==> flow/design.v <==
module alu_arith_rtl #(
    parameter DW = 5
) (
    input  logic clk,
    input  logic nrst,
    input  logic [DW-1:0] a,
    input  logic [DW-1:0] b,
    output logic [DW-1:0] out
);
    logic [DW-1:0] a_s;
    logic [DW-1:0] b_s;
    logic [DW-1:0] out_s;
    always_ff @(posedge clk or negedge nrst) begin
        if (~nrst) begin
            a_s <= '0;
            b_s <= '0;
            out_s <= '0;
        end else begin
            a_s <= a;
            b_s <= b;
            out_s <= (a_s > b_s) ? a_s - b_s : b_s - a_s;
        end
    end
    assign out = out_s;
endmodule
# Tool chain data of alu_arith_rtl
# Module alu_arith_rtl in several versions that differ in "DW"; each step lists the members.
# The RTL above is that of DW = 5; lines are counted from 1 in the file of the member named.
# Operators: Yosys type, input widths -> output width; for muxes data width and select width s.
# Cell names lack the library's common part.
# The mark n/a stands for no value.
dict set report setup {
  top {alu_arith_rtl}
  clock {clk}
  lib {sky130hd}
  pvt_corner {tt_025C_1v80}
}

# Members of the sweep
# New or changed lines of each further member against the RTL above, in its own file; lines it lacks are not shown.
# DW line_no
set changed_lines {}
lappend changed_lines {7 2} ;# parameter DW = 7
lappend changed_lines {18 2} ;# parameter DW = 18
lappend changed_lines {48 2} ;# parameter DW = 48
lappend changed_lines {64 2} ;# parameter DW = 64

# Elaborated design
# Counts by Yosys on the flattened word-level netlist (proc, flatten, opt, wreduce; memories kept). Register bits leave out memories and registers merged into their read ports (data or address); mux counts leave out enables and synchronous resets folded into registers. Print and check cells are left out. Cells with the same type and inputs are merged into one.
# DW ff_bits input_bits output_inout_bits wordCells
set bits {}
lappend bits {5 15 12 5 7}
lappend bits {7 21 16 7 7}
lappend bits {18 54 38 18 7}
lappend bits {48 144 98 48 7}
lappend bits {64 192 130 64 7}
# DW add_sub_neg n_cmp mux
set op_classes {}
lappend op_classes {5 2 1 1}
lappend op_classes {7 2 1 1}
lappend op_classes {18 2 1 1}
lappend op_classes {48 2 1 1}
lappend op_classes {64 2 1 1}
# DW operators
set ops {}
lappend ops {5 {$sub 5x5->5 (2); $gt 5x5->1 (1); $mux 5 (1)}}
lappend ops {7 {$sub 7x7->7 (2); $gt 7x7->1 (1); $mux 7 (1)}}
lappend ops {18 {$sub 18x18->18 (2); $gt 18x18->1 (1); $mux 18 (1)}}
lappend ops {48 {$sub 48x48->48 (2); $gt 48x48->1 (1); $mux 48 (1)}}
lappend ops {64 {$sub 64x64->64 (2); $gt 64x64->1 (1); $mux 64 (1)}}

# Logic depth
# Yosys ltp: most cells in a row. Word level: on the elaborated netlist, between registers, memories and ports. Mapped: between sequential cells and ports; inverters and the memories' decode and read muxes count.
# DW depth_word ABC_AREA ltp_mapped mapped_depth_nobuf
set logic_depth {}
lappend logic_depth {5 2 0 8 8}
lappend logic_depth {7 2 0 9 8}
lappend logic_depth {18 2 0 12 11}
lappend logic_depth {48 2 0 14 13}
lappend logic_depth {64 2 0 15 12}

# After synthesis
# Yosys stat after the flow's synthesis: flattened, memories mapped to cells. It holds for the ABC_AREA given above (unset counts as 0); a run with the other value may have another netlist.
# DW cell_types
set types {}
lappend types {5 {dfrtp_1 (15); ha_1 (9); inv_1 (13); fa_1 (2); mux2i_1 (3); a21oi_1 (4); nand3b_4 (1); o21ai_0 (4); a21oi_2 (2); a21oi_4 (1); a21o_1 (2); a31oi_1 (2); o22ai_2 (1); buf_6 (1); nand2_1 (3); a311o_1 (1); a21o_2 (1); xnor2_1 (1); (+10)}}
lappend types {7 {dfrtp_1 (21); ha_1 (13); inv_1 (14); fa_1 (2); a21oi_1 (7); nor3_1 (7); nor4b_2 (2); a21o_1 (3); a22oi_1 (3); buf_6 (2); nand2_1 (6); nand3b_1 (3); o21a_1 (3); nor2b_1 (3); o21ba_4 (1); o311ai_2 (1); o21ai_0 (3); nand2b_1 (2); (+21)}}
lappend types {18 {dfrtp_1 (54); ha_1 (35); inv_1 (47); xnor2_1 (11); a21oi_1 (19); mux2i_1 (8); a21o_1 (10); nor2_1 (15); nand2_1 (14); o21ai_0 (9); xor2_1 (5); fa_1 (2); buf_6 (3); a21oi_4 (2); nand4_1 (5); buf_2 (6); o211ai_1 (4); o21a_1 (4); (+55)}}
lappend types {48 {dfrtp_1 (144); ha_1 (95); a21oi_1 (122); inv_1 (119); a21o_1 (51); o21ai_0 (56); xnor2_1 (32); nor2_1 (70); nand2_1 (68); o21bai_1 (22); buf_2 (28); nand4_1 (18); o21a_1 (14); xor2_1 (12); mux2i_1 (10); o31ai_1 (10); a211oi_1 (8); buf_4 (8); (+160)}}
lappend types {64 {dfrtp_1 (192); ha_1 (127); a21oi_1 (188); inv_1 (162); o21ai_0 (82); xnor2_1 (46); nand2_1 (93); nor2_1 (81); o21bai_1 (40); a21o_1 (35); nand4_1 (37); mux2i_1 (19); xor2_1 (16); buf_2 (24); nor3_1 (22); o21a_1 (14); o21ai_1 (20); clkbuf_1 (26); (+198)}}
# The mark (+n) counts cells that are not listed.
# DW cells area_um2 seq_area_um2 flip_flops buf_cells
set synth_totals {}
lappend synth_totals {5 76 854.6 375.4 15 2}
lappend synth_totals {7 117 1243.7 525.5 21 4}
lappend synth_totals {18 308 3199.3 1351.3 54 12}
lappend synth_totals {48 1047 9489.1 3603.5 144 46}
lappend synth_totals {64 1422 12737.2 4804.6 192 67}

# Worst setup path after synthesis
# Source: OpenSTA report_checks on the synthesized netlist (no wires, ideal clock, input and output delay 20% of the period each), path of least setup slack; recovery checks are left aside. Register names are those of the netlist, which keeps one name where synthesis merged equal registers.
# DW path_kind start end period_ns slack_ns stages delay_ns period_less_setup_slack_ns
set synth_path {}
lappend synth_path {5 {register to register} {reg a_s[1]} {reg out_s[4]} 2.07 0.413 7 1.657 1.657}
lappend synth_path {7 {register to register} {reg a_s[1]} {reg out_s[3]} 2.45 0.489 8 1.961 1.961}
lappend synth_path {18 {register to register} {reg a_s[0]} {reg out_s[15]} 2.95 0.587 12 2.363 2.363}
lappend synth_path {48 {register to register} {reg a_s[0]} {reg out_s[46]} 3.83 0.767 14 3.064 3.063}
lappend synth_path {64 {register to register} {reg a_s[0]} {reg out_s[45]} 3.69 0.738 14 2.952 2.952}
# "delay_ns" is the arrival time less input delay plus setup time.
# "stages" counts driving pins, that of a launching flip-flop among them; a cell with two outputs on the path counts twice.
# "period_less_setup_slack_ns" = period - worst setup slack (recovery checks aside). The figure is calculated, with input and output delays left at 20% of the set period.
# The rows between start and end are the longest chain of elaborated cells between them; the timing report does not say that the signal goes this way. Where chains are equally long, one stands for them.
# A line is the first line of the expression or statement that the cell stems from. Yosys adds cells for indexed reads and writes and turns some case tables into memories.
dict set report synth_between_DW_5 {
  elab_chain_len 2
}
# element line_no
set synth_rtl_DW_5 {}
lappend synth_rtl_DW_5 {{start: declaration} 10} ;# logic [DW-1:0] a_s;
lappend synth_rtl_DW_5 {{start: assignment} 15} ;# a_s <= '0;
lappend synth_rtl_DW_5 {{start: assignment} 19} ;# a_s <= a;
lappend synth_rtl_DW_5 {{$sub 5x5->5} 21} ;# out_s <= (a_s > b_s) ? a_s - b_s : b_s - a_s;
lappend synth_rtl_DW_5 {{$mux 5} 21}
lappend synth_rtl_DW_5 {{end: assignment} 17} ;# out_s <= '0;
lappend synth_rtl_DW_5 {{end: assignment} 21}
lappend synth_rtl_DW_5 {{end: declaration} 12} ;# logic [DW-1:0] out_s;
dict set report synth_between_DW_64 {
  elab_chain_len 2
}
# element line_no
set synth_rtl_DW_64 {}
lappend synth_rtl_DW_64 {{start: declaration} 10} ;# logic [DW-1:0] a_s;
lappend synth_rtl_DW_64 {{start: assignment} 15} ;# a_s <= '0;
lappend synth_rtl_DW_64 {{start: assignment} 19} ;# a_s <= a;
lappend synth_rtl_DW_64 {{$sub 64x64->64} 21} ;# out_s <= (a_s > b_s) ? a_s - b_s : b_s - a_s;
lappend synth_rtl_DW_64 {{$mux 64} 21}
lappend synth_rtl_DW_64 {{end: assignment} 17} ;# out_s <= '0;
lappend synth_rtl_DW_64 {{end: assignment} 21}
lappend synth_rtl_DW_64 {{end: declaration} 12} ;# logic [DW-1:0] out_s;

# Worst path after layout
# Path of least setup slack in the final report of each member's run (OpenROAD, finished layout, wires in). Where an end is a register, its clock arrival counts in the times.
# DW path_kind start end period_ns slack_ns stages arrival_ns path_buffers
set layout_path {}
lappend layout_path {5 {register to register} {reg a_s[1]} {reg out_s[4]} 2.07 0.25 7 2.03 0}
lappend layout_path {7 {register to register} {reg a_s[1]} {reg out_s[3]} 2.45 0.33 8 2.36 0}
lappend layout_path {18 {register to register} {reg a_s[0]} {reg out_s[2]} 2.95 0.25 12 2.92 1}
lappend layout_path {48 {register to register} {reg b_s[21]} {reg out_s[46]} 3.83 0.22 12 3.91 0}
lappend layout_path {64 {register to register} {reg a_s[21]} {reg out_s[42]} 3.69 0.13 15 3.88 2}

# Measured runs
# Settings and results of one run of the flow (Yosys, OpenROAD) for each member follow. The constraints put input and output delay at 20% of the set period each and load the outputs with 0.01 pF.
dict set report settings {
  CAP_MARGIN 20
  CORE_MARGIN 2
  CORE_UTILIZATION 40
  SLEW_MARGIN 20
}
# DW period_ns
set settings_by_member {}
lappend settings_by_member {5 2.07}
lappend settings_by_member {7 2.45}
lappend settings_by_member {18 2.95}
lappend settings_by_member {48 3.83}
lappend settings_by_member {64 3.69}
# DW yosys.chip_area_um2 design.die.area_um2 final_stdcell_area_um2 finalUtil_pct timing.setup.ws_ns tns_ns total_power_mw timing.achieved_period_ns
set measured {}
lappend measured {5 854.6 2522.1 1072.3 54.1 0.255 0.000 0.7169 1.815}
lappend measured {7 1243.7 3571.3 1503.9 50.1 0.327 0.000 0.8156 2.123}
lappend measured {18 3199.3 8730.1 3935.0 50.9 0.250 0.000 1.955 2.700}
lappend measured {48 9489.1 24970.3 11932.7 51.0 0.224 0.000 5.256 3.606}
lappend measured {64 12737.2 33286.2 16164.3 51.4 0.134 0.000 6.700 3.556}
# "timing.achieved_period_ns" means the clock period less the worst setup slack. The figure is calculated, with input and output delays left at 20% of the set period.
# By "total_power_mw" is meant OpenSTA's value without simulated activity: inputs other than the clock are taken to toggle once in ten clock periods, and the tool carries that through the logic.
